==> flow/design.v <==
module dp_shifter_v2 #(
  parameter BITS = 8,
  parameter SEL_WIDTH = $clog2(BITS)
) (
  input logic core_clk,
  input logic ce,
  input logic [BITS-1:0] i_ch,
  input logic [SEL_WIDTH-1:0] i_count,
  output logic [BITS-1:0] o_res
);
  logic [BITS-1:0] r_ch;
  logic [SEL_WIDTH-1:0] r_count;
  always_ff @(posedge core_clk) begin
    if (ce) begin
      r_ch <= i_ch;
      r_count <= i_count;
      o_res <= r_ch << r_count;
    end
  end
endmodule
# Step by step through the tools: dp_shifter_v2
# What the tools print for dp_shifter_v2, step after step.
# Lines are those of the file above, counted from 1.
# Cell names lack the library's common part.
setup:
  top_module: "dp_shifter_v2"
  clock: "core_clk"
  library: "sky130hd"
  pvt_corner: "tt_025C_1v80"

# After elaboration
# Counts by Yosys on the flattened word-level netlist (proc, flatten, opt, wreduce; memories kept). Register bits leave out memories and registers merged into their read ports (data or address); mux counts leave out enables and synchronous resets folded into registers. Print and check cells are left out. Cells with the same type and inputs are merged into one.
bits:
  ff_bits: 19
  input_bits: 13
  out_inout_bits: 8
  word_cells: 4
op_classes:
  shift: 1
op_table:
  columns: ["operator", "n"]
  rows:
  - ["8-bit by 3-bit left shift with 8-bit output", 1]

# Logic depth
# Yosys ltp: most cells in a row. Word level: on the elaborated netlist, between registers, memories and ports. Mapped: between sequential cells and ports; inverters and the memories' decode and read muxes count.
depth:
  word_depth: 1
  abc_area: 0
  ltp_mapped: 4
  depth_no_buf: 3

# Synthesis result
# Yosys stat after the flow's synthesis: flattened, memories mapped to cells. It holds for the ABC_AREA given above (unset counts as 0); a run with the other value may have another netlist.
by_type:
  columns: ["cell", "n"]
  rows:
  - ["edfxtp_1", 19]
  - ["mux2_4", 2]
  - ["mux2_2", 2]
  - ["mux4_2", 1]
  - ["nand2b_1", 3]
  - ["a211oi_1", 2]
  - ["a22oi_1", 2]
  - ["and2b_1", 2]
  - ["nor3_1", 3]
  - ["buf_6", 1]
  - ["mux2_1", 1]
  - ["nor2_1", 3]
  - ["mux2i_1", 1]
  - ["o21ai_0", 2]
  - ["a2111oi_0", 1]
  - ["clkbuf_1", 2]
  - ["and3_1", 1]
  - ["nor2b_1", 1]
  - ["o22ai_1", 1]
mapped:
  area_mm2: 0.0008133
  ff_cells: 19
  buffers: 3
  cell_count: 50

# Worst setup path after synthesis
# OpenSTA on the mapped netlist: ideal clock, no wires. The path of least setup slack (recovery checks aside). Input and output delay are each 20% of the period. Register names are those of the netlist, which keeps one name where synthesis merged equal registers.
synth_timing:
  path_kind: "register to register"
  start: "register r_count[0]"
  end: "register o_res[6]"
  setup_slack_ns: 0.379
  path_buffers: 1
  tclk_ns: 1.89
  delay_ns: 1.511
  driving_pins: 4
  setup_ns: 0.272
  t_required_ns: 1.618
  t_arrival_ns: 1.239
  period_less_setup_slack_ns: 1.511
# "delay_ns" is the arrival time less input delay plus setup time.
# "driving_pins": output pins that drive a net of the path, with the launching flip-flop's if there is one; two outputs of one cell count as two.
# "period_less_setup_slack_ns" is the clock period less the worst setup slack; recovery checks do not enter. This is arithmetic on one report: input and output delays are still those of the set period (20% each).
# Between the ends stands the longest chain of elaborated cells between them, by number of cells; it is not shown to be the way that was timed. Of several equally long chains one is given.
# A line is the first line of the expression or statement that the cell stems from. Yosys adds cells for indexed reads and writes and turns some case tables into memories.
synth_between:
  cell_sequence: "edfxtp_1 -> buf_6 -> mux2_4 -> mux4_2"
  elab_chain_len: 1
  cells_between: 1
  lines_between: 1
synth_lines:
  columns: ["element", "line_no", "text"]
  rows:
  - ["from (decl)", 12, "logic [SEL_WIDTH-1:0] r_count;"]
  - ["from (assign)", 16, "r_count <= i_count;"]
  - ["8-bit by 3-bit left shift with 8-bit output", 17, "o_res <= r_ch << r_count;"]
  - ["to (assign)", 17, null]
  - ["to (decl)", 9, "output logic [BITS-1:0] o_res"]

# Path in the finished layout
# Path of least setup slack in the final report of entry A (OpenROAD, finished layout, wires in). Where an end is a register, its clock arrival counts in the times.
layout_timing:
  path_kind: "register to register"
  start: "register r_count[0]"
  end: "register o_res[6]"
  tclk_ns: 1.2
  setup_ns: 0.24
  path_buffers: 0
  driving_pins: 3
  t_arrival_ns: 1.63
  setup_slack_ns: -0.38
  t_required_ns: 1.26
# Between the ends stands the longest chain of elaborated cells between them, by number of cells; it is not shown to be the way that was timed. Of several equally long chains one is given.
layout_between:
  cell_sequence: "edfxtp_1 -> mux2_4 -> mux4_2"
  elab_chain_len: 1
  cells_between: 1
  lines_between: 1
layout_lines:
  columns: ["element", "line_no", "text"]
  rows:
  - ["from (decl)", 12, "logic [SEL_WIDTH-1:0] r_count;"]
  - ["from (assign)", 16, "r_count <= i_count;"]
  - ["8-bit by 3-bit left shift with 8-bit output", 17, "o_res <= r_ch << r_count;"]
  - ["to (assign)", 17, null]
  - ["to (decl)", 9, "output logic [BITS-1:0] o_res"]

# Flow runs of dp_shifter_v2

Stored flow runs of dp_shifter_v2 (3 of them; Yosys, OpenROAD, sky130hd). They differ in their settings and are not a sequence. Constraints: input delay and output delay 20% of the set period each, output load 0.01 pF.
"period_reached_ns": clock period set for the run, less the worst setup slack. It is reckoned from that one timing run; input and output delays stay at 20% of the period that was set.
By "total_power_w" is meant OpenSTA's value without simulated activity: inputs other than the clock are taken to toggle once in ten clock periods, and the tool carries that through the logic.

--- entry A ---
==> flow/run.sh <==
#!/bin/bash
# the make line also repeats the synthesis and layout settings of config.mk as NAME=value (left out here)
make -C /OpenROAD-flow-scripts/flow DESIGN_CONFIG=/design/flow/config.mk WORK_HOME=/design/flow/orfs CLKGATE_MAP_FILE= finish
==> flow/config.mk <==
export PLATFORM = sky130hd
export DESIGN_NAME = dp_shifter_v2
export DESIGN_NICKNAME = dp_shifter_v2
export VERILOG_FILES = /design/flow/design.v
export SDC_FILE = /design/flow/constraint.sdc
export NUM_CORES = 4
export LEC_CHECK = 0
export CAP_MARGIN = 10
export CELL_PAD_IN_SITES_GLOBAL_PLACEMENT = 1
export CORE_MARGIN = 2
export CORE_UTILIZATION = 24
export GPL_ROUTABILITY_DRIVEN = 1
export HOLD_SLACK_MARGIN = 0.09
export MIN_ROUTING_LAYER = met2
export PLACE_DENSITY_LB_ADDON = 0.22
export SLEW_MARGIN = 20
export TNS_END_PERCENT = 15
==> flow/constraint.sdc <==
create_clock -name core_clock -period 1.2 [get_ports {core_clk}]
set_input_delay 0.2400 -clock core_clock [delete_from_list [all_inputs] [get_ports {core_clk}]]
set_output_delay 0.2400 -clock core_clock [all_outputs]
set_load 0.01 [all_outputs]

==> results, as YAML <==
results:
  ws_setup_ns: -0.379
  total_negative_slack_ns: -2.006
  ys_area_mm2: 0.0008133
  layout_stdcell_area_mm2: 0.0011674
  period_reached_ns: 1.579
  dieArea_mm2: 0.0038701
  total_power_w: 0.001416
  timing.hold.ws_ns: 0.485

--- entry B ---
==> flow/run.sh <==
#!/bin/bash
# the make line also repeats the synthesis and layout settings of config.mk as NAME=value (left out here)
make -C /OpenROAD-flow-scripts/flow DESIGN_CONFIG=/design/flow/config.mk WORK_HOME=/design/flow/orfs CLKGATE_MAP_FILE= finish
==> flow/config.mk <==
export PLATFORM = sky130hd
export DESIGN_NAME = dp_shifter_v2
export DESIGN_NICKNAME = dp_shifter_v2
export VERILOG_FILES = /design/flow/design.v
export SDC_FILE = /design/flow/constraint.sdc
export NUM_CORES = 4
export LEC_CHECK = 0
export CAP_MARGIN = 20
export CORE_MARGIN = 2
export CORE_UTILIZATION = 40
export SLEW_MARGIN = 20
==> flow/constraint.sdc <==
create_clock -name core_clock -period 1.89 [get_ports {core_clk}]
set_input_delay 0.3780 -clock core_clock [delete_from_list [all_inputs] [get_ports {core_clk}]]
set_output_delay 0.3780 -clock core_clock [all_outputs]
set_load 0.01 [all_outputs]

==> results, as YAML <==
results:
  ws_setup_ns: 0.251
  total_negative_slack_ns: 0.000
  ys_area_mm2: 0.0008133
  layout_stdcell_area_mm2: 0.0010623
  period_reached_ns: 1.639
  dieArea_mm2: 0.0024098
  total_power_w: 0.0008523
  timing.hold.ws_ns: 0.644

--- entry C ---
==> flow/run.sh <==
#!/bin/bash
# the make line also repeats the synthesis and layout settings of config.mk as NAME=value (left out here)
make -C /OpenROAD-flow-scripts/flow DESIGN_CONFIG=/design/flow/config.mk WORK_HOME=/design/flow/orfs CLKGATE_MAP_FILE= finish
==> flow/config.mk <==
export PLATFORM = sky130hd
export DESIGN_NAME = dp_shifter_v2
export DESIGN_NICKNAME = dp_shifter_v2
export VERILOG_FILES = /design/flow/design.v
export SDC_FILE = /design/flow/constraint.sdc
export NUM_CORES = 4
export LEC_CHECK = 0
export ABC_AREA = 0
export CAP_MARGIN = 20
export CORE_MARGIN = 6
export CORE_UTILIZATION = 53
export MIN_ROUTING_LAYER = met1
export PLACE_DENSITY_LB_ADDON = 0.21
export SETUP_SLACK_MARGIN = 0.22
export SLEW_MARGIN = 20
export TNS_END_PERCENT = 25
==> flow/constraint.sdc <==
create_clock -name core_clock -period 0.962 [get_ports {core_clk}]
set_input_delay 0.1924 -clock core_clock [delete_from_list [all_inputs] [get_ports {core_clk}]]
set_output_delay 0.1924 -clock core_clock [all_outputs]
set_load 0.01 [all_outputs]

==> results, as YAML <==
results:
  ws_setup_ns: -0.670
  total_negative_slack_ns: -4.950
  ys_area_mm2: 0.0008133
  layout_stdcell_area_mm2: 0.0011599
  period_reached_ns: 1.632
  dieArea_mm2: 0.0026184
  total_power_w: 0.001821
  timing.hold.ws_ns: 0.448
